==> flow/design.v <==
module dp_sel_unit_p #(
    parameter integer BITS = 16,
    parameter integer LANES = 8
) (
    input wire clk_i,
    input wire nrst,
    input wire [LANES*BITS-1:0] din,
    input wire [LANES-1:0] s,
    output wire [BITS-1:0] dout
);
    reg [LANES*BITS-1:0] din_q;
    reg [LANES-1:0] s_q;
    reg [BITS-1:0] val;
    integer idx;
    always @* begin
        val = 0;
        for (idx = 0; idx < LANES; idx = idx + 1)
            val = val | (din_q[idx*BITS +: BITS] & {BITS{s_q[idx]}});
    end
    assign dout = val;
    always @(posedge clk_i) begin
        if (~nrst) begin
            din_q <= 0;
            s_q <= 0;
        end else begin
            din_q <= din;
            s_q <= s;
        end
    end
endmodule
### From RTL to reports: dp_sel_unit_p

The steps from the RTL of dp_sel_unit_p to its reports follow in flow order.
Line numbers count from 1 in the design file above.
Operators: Yosys type, input widths -> output width; for muxes data width and select width s.
Library cell names are shortened.
A cell with n/a has no value.

| inputs | value |
|---|---|
| design top | dp_sel_unit_p |
| clock | clk_i |
| library | sky130hd |
| timing corner | tt_025C_1v80 |

### After elaboration

Source: Yosys, flattened and elaborated, memories not mapped. Widths are those after wreduce; folded enables and synchronous resets count as part of the registers. Registers that Yosys merges into a memory's read port (data or address) are not register bits. Print and check cells do not count. Equal cells are merged and count once.

| storage and ports | value |
|---|---|
| register bits | 136 |
| input port bits | 138 |
| output and inout port bits | 16 |
| cells after elaboration | 17 |

| cells by class | value |
|---|---|
| bitwise operators | 15 |

Operators with widths:

| kind | number |
|---|---|
| $and 16x16->16 | 8 |
| $or 16x16->16 | 7 |

### Logic depth

Longest topological path by Yosys (ltp), each cell counted once; first at word level (registers and memories cut), then after technology mapping (sequential cells cut; the memories' decode and read muxes count).

| depth | value |
|---|---|
| depth after elaboration | 8 |
| ABC_AREA | 0 |
| gate-level depth with buffers | 4 |
| mapped depth without buffers | 2 |

### After synthesis

Yosys stat after the flow's synthesis: flattened, memories mapped to cells. It holds for the ABC_AREA given above (unset counts as 0); a run with the other value may have another netlist.

Cell types:

| type | number | area in all (µm²) |
|---|---|---|
| dfxtp_1 | 136 | 2.72E+03 |
| and2_1 | 136 | 850.816 |
| a22oi_1 | 64 | 480.461 |
| buf_6 | 20 | 225.216 |
| nand4_1 | 16 | 100.096 |
| clkbuf_2 | 9 | 45.043 |
| buf_8 | 1 | 15.014 |
| buf_2 | 1 | 5.005 |

| synthesis totals | value |
|---|---|
| mapped cells | 383 |
| chip area (Yosys) | 0.0044443 mm² |
| area of sequential cells | 0.0027226 mm² |
| mapped flip-flops | 136 |
| buffer cells | 31 |

### Worst setup path after synthesis

Source: OpenSTA report_checks on the synthesized netlist (no wires, ideal clock, input and output delay 20% of the period each), path of least setup slack; recovery checks are left aside. Register names are those of the netlist, which keeps one name where synthesis merged equal registers.

| path after synthesis | value |
|---|---|
| kind | flip-flop to output port |
| start point | register s_q[4] |
| end point | output dout[14] |
| clock period | 1.32 ns |
| output delay | 0.264 ns |
| launch time at the first pin | 0.000 ns |
| data arrival time | 0.846 ns |
| required time | 1.056 ns |
| slack | 0.210 ns |
| path delay | 0.846 ns |
| stages on the path | 5 |
| path buffers | 2 |
| period reached after synthesis | 1.11 ns |

"path delay" is the arrival time less input delay plus setup time.
A path that ends at an output port has no setup time.
"stages on the path" counts driving pins, that of a launching flip-flop among them; a cell with two outputs on the path counts twice.
"period reached after synthesis" is the clock period less the worst setup slack; recovery checks do not enter. This is arithmetic on one report: input and output delays are still those of the set period (20% each).
Between the ends stands the longest chain of elaborated cells between them, by number of cells; it is not shown to be the way that was timed. Of several equally long chains one is given.
A line is the first line of the expression or statement that the cell stems from. Yosys adds cells for indexed reads and writes and turns some case tables into memories.

| between the ends, after synthesis | value |
|---|---|
| cells stage by stage | dfxtp_1 > buf_6 > buf_8 > a22oi_1 > nand4_1 |
| cells in the longest elaborated chain | 5 |
| elaborated cells between the ends (all ways) | 5 |
| RTL lines with such cells | 1 |
| classes of those cells | logic (5) |

Ends and longest elaborated chain, after synthesis:

| what | line | text |
|---|---|---|
| start: declaration | 12 | `reg [LANES-1:0] s_q;` |
| start: assignment | 24 | `s_q <= 0;` |
| start: assignment | 27 | `s_q <= s;` |
| $and 16x16->16 | 18 | `val = val \| (din_q[idx*BITS +: BITS] & {BITS{s_q[idx]}});` |
| $or 16x16->16 x4 | 18 |  |
| end: declaration | 9 | `output wire [BITS-1:0] dout` |

### Worst path after layout

From the final timing report of record 1: the path of least setup slack in the routed layout; clock arrival at registers is part of the times.

| path post-layout | value |
|---|---|
| kind | flip-flop to output port |
| start point | register s_q[7] |
| end point | output dout[13] |
| clock period | 1.32 ns |
| output delay | 0.26 ns |
| launch time at the first pin | 0.51 ns |
| data arrival time | 1.50 ns |
| required time | 1.06 ns |
| slack | -0.45 ns |
| stages on the path | 5 |
| path buffers | 2 |

Between the ends stands the longest chain of elaborated cells between them, by number of cells; it is not shown to be the way that was timed. Of several equally long chains one is given.

| between the ends, post-layout | value |
|---|---|
| cells stage by stage | dfxtp_2 > buf_12 > a22oi_2 > nand4_1 > buf_2 |
| cells in the longest elaborated chain | 2 |
| elaborated cells between the ends (all ways) | 2 |
| RTL lines with such cells | 1 |
| classes of those cells | logic (2) |

Ends and longest elaborated chain, post-layout:

| what | line | text |
|---|---|---|
| start: declaration | 12 | `reg [LANES-1:0] s_q;` |
| start: assignment | 24 | `s_q <= 0;` |
| start: assignment | 27 | `s_q <= s;` |
| $and 16x16->16 | 18 | `val = val \| (din_q[idx*BITS +: BITS] & {BITS{s_q[idx]}});` |
| $or 16x16->16 | 18 |  |
| end: declaration | 9 | `output wire [BITS-1:0] dout` |

FLOW RESULTS
============

dp_sel_unit_p through Yosys and OpenROAD on sky130hd: 3 stored runs, unordered, with their settings and measured results. The constraints put input and output delay at 20% of the set period each and load the outputs with 0.01 pF.
"period achieved" = clock period - worst setup slack. The figure is calculated, with input and output delays left at 20% of the set period.
"worst path time" means the part of the period allowed to the worst setup path (the constraints hold back 20% at inputs and 20% at outputs) less its slack; where the path has registers, the arrival times of their clocks count too.
"total power of the final layout" is the tool's figure for a default switching activity; nothing was simulated.

## Record 1

==> flow/run.sh <==
#!/bin/bash
# the make line also repeats the synthesis and layout settings of config.mk as NAME=value (left out here)
make -C /OpenROAD-flow-scripts/flow DESIGN_CONFIG=/design/flow/config.mk WORK_HOME=/design/flow/orfs CLKGATE_MAP_FILE= finish
==> flow/config.mk <==
export PLATFORM = sky130hd
export DESIGN_NAME = dp_sel_unit_p
export DESIGN_NICKNAME = dp_sel_unit_p
export VERILOG_FILES = /design/flow/design.v
export SDC_FILE = /design/flow/constraint.sdc
export NUM_CORES = 4
export LEC_CHECK = 0
export CAP_MARGIN = 20
export CORE_MARGIN = 2
export CORE_UTILIZATION = 40
export SLEW_MARGIN = 20
==> flow/constraint.sdc <==
create_clock -name core_clock -period 1.32 [get_ports {clk_i}]
set_input_delay 0.2640 -clock core_clock [delete_from_list [all_inputs] [get_ports {clk_i}]]
set_output_delay 0.2640 -clock core_clock [all_outputs]
set_load 0.01 [all_outputs]

| result of record 1 | value |
|---|---|
| Yosys chip area after synthesis | 0.0044443 mm² |
| standard-cell area after layout | 0.0067365 mm² |
| lowest hold slack | 0.205 ns |
| die footprint | 0.0119695 mm² |
| post-route setup TNS | -6.210 ns |
| worst setup slack after layout | -0.449 ns |
| total power of the final layout | 9.709 mW |
| post-layout utilization | 0.621 |
| worst path time | 1.50 ns |
| class of the worst setup path | flip-flop to output port |
| period achieved | 1.769 ns |

## Record 2

==> flow/run.sh <==
#!/bin/bash
# the make line also repeats the synthesis and layout settings of config.mk as NAME=value (left out here)
make -C /OpenROAD-flow-scripts/flow DESIGN_CONFIG=/design/flow/config.mk WORK_HOME=/design/flow/orfs CLKGATE_MAP_FILE= finish
==> flow/config.mk <==
export PLATFORM = sky130hd
export DESIGN_NAME = dp_sel_unit_p
export DESIGN_NICKNAME = dp_sel_unit_p
export VERILOG_FILES = /design/flow/design.v
export SDC_FILE = /design/flow/constraint.sdc
export NUM_CORES = 4
export LEC_CHECK = 0
export CAP_MARGIN = 20
export CELL_PAD_IN_SITES_GLOBAL_PLACEMENT = 1
export CORE_MARGIN = 2
export CORE_UTILIZATION = 42
export CTS_CLUSTER_DIAMETER = 41
export MIN_ROUTING_LAYER = met2
export SLEW_MARGIN = 20
==> flow/constraint.sdc <==
create_clock -name core_clock -period 0.913 [get_ports {clk_i}]
set_input_delay 0.1826 -clock core_clock [delete_from_list [all_inputs] [get_ports {clk_i}]]
set_output_delay 0.1826 -clock core_clock [all_outputs]
set_load 0.01 [all_outputs]

| result of record 2 | value |
|---|---|
| standard-cell area after layout | 0.0068303 mm² |
| lowest hold slack | 0.179 ns |
| worst setup slack after layout | -0.833 ns |
| Yosys chip area after synthesis | 0.0044443 mm² |
| post-layout utilization | 0.665 |
| total power of the final layout | 14.365 mW |
| worst path time | 1.56 ns |
| class of the worst setup path | flip-flop to output port |
| die footprint | 0.0114201 mm² |
| post-route setup TNS | -12.698 ns |
| period achieved | 1.746 ns |

## Record 3

==> flow/run.sh <==
#!/bin/bash
# the make line also repeats the synthesis and layout settings of config.mk as NAME=value (left out here)
make -C /OpenROAD-flow-scripts/flow DESIGN_CONFIG=/design/flow/config.mk WORK_HOME=/design/flow/orfs CLKGATE_MAP_FILE= finish
==> flow/config.mk <==
export PLATFORM = sky130hd
export DESIGN_NAME = dp_sel_unit_p
export DESIGN_NICKNAME = dp_sel_unit_p
export VERILOG_FILES = /design/flow/design.v
export SDC_FILE = /design/flow/constraint.sdc
export NUM_CORES = 4
export LEC_CHECK = 0
export CAP_MARGIN = 20
export CELL_PAD_IN_SITES_DETAIL_PLACEMENT = 2
export CORE_MARGIN = 2
export CORE_UTILIZATION = 61
export CTS_CLUSTER_DIAMETER = 117
export CTS_CLUSTER_SIZE = 49
export GPL_TIMING_DRIVEN = 0
export MAX_ROUTING_LAYER = met4
export MIN_ROUTING_LAYER = met2
export PLACE_DENSITY_LB_ADDON = 0.22
export SETUP_SLACK_MARGIN = -0.06
export SLEW_MARGIN = 5
export TNS_END_PERCENT = 100
==> flow/constraint.sdc <==
create_clock -name core_clock -period 1.45 [get_ports {clk_i}]
set_input_delay 0.2900 -clock core_clock [delete_from_list [all_inputs] [get_ports {clk_i}]]
set_output_delay 0.2900 -clock core_clock [all_outputs]
set_load 0.01 [all_outputs]

Record 3: stopped before the end: placement reported a tool error
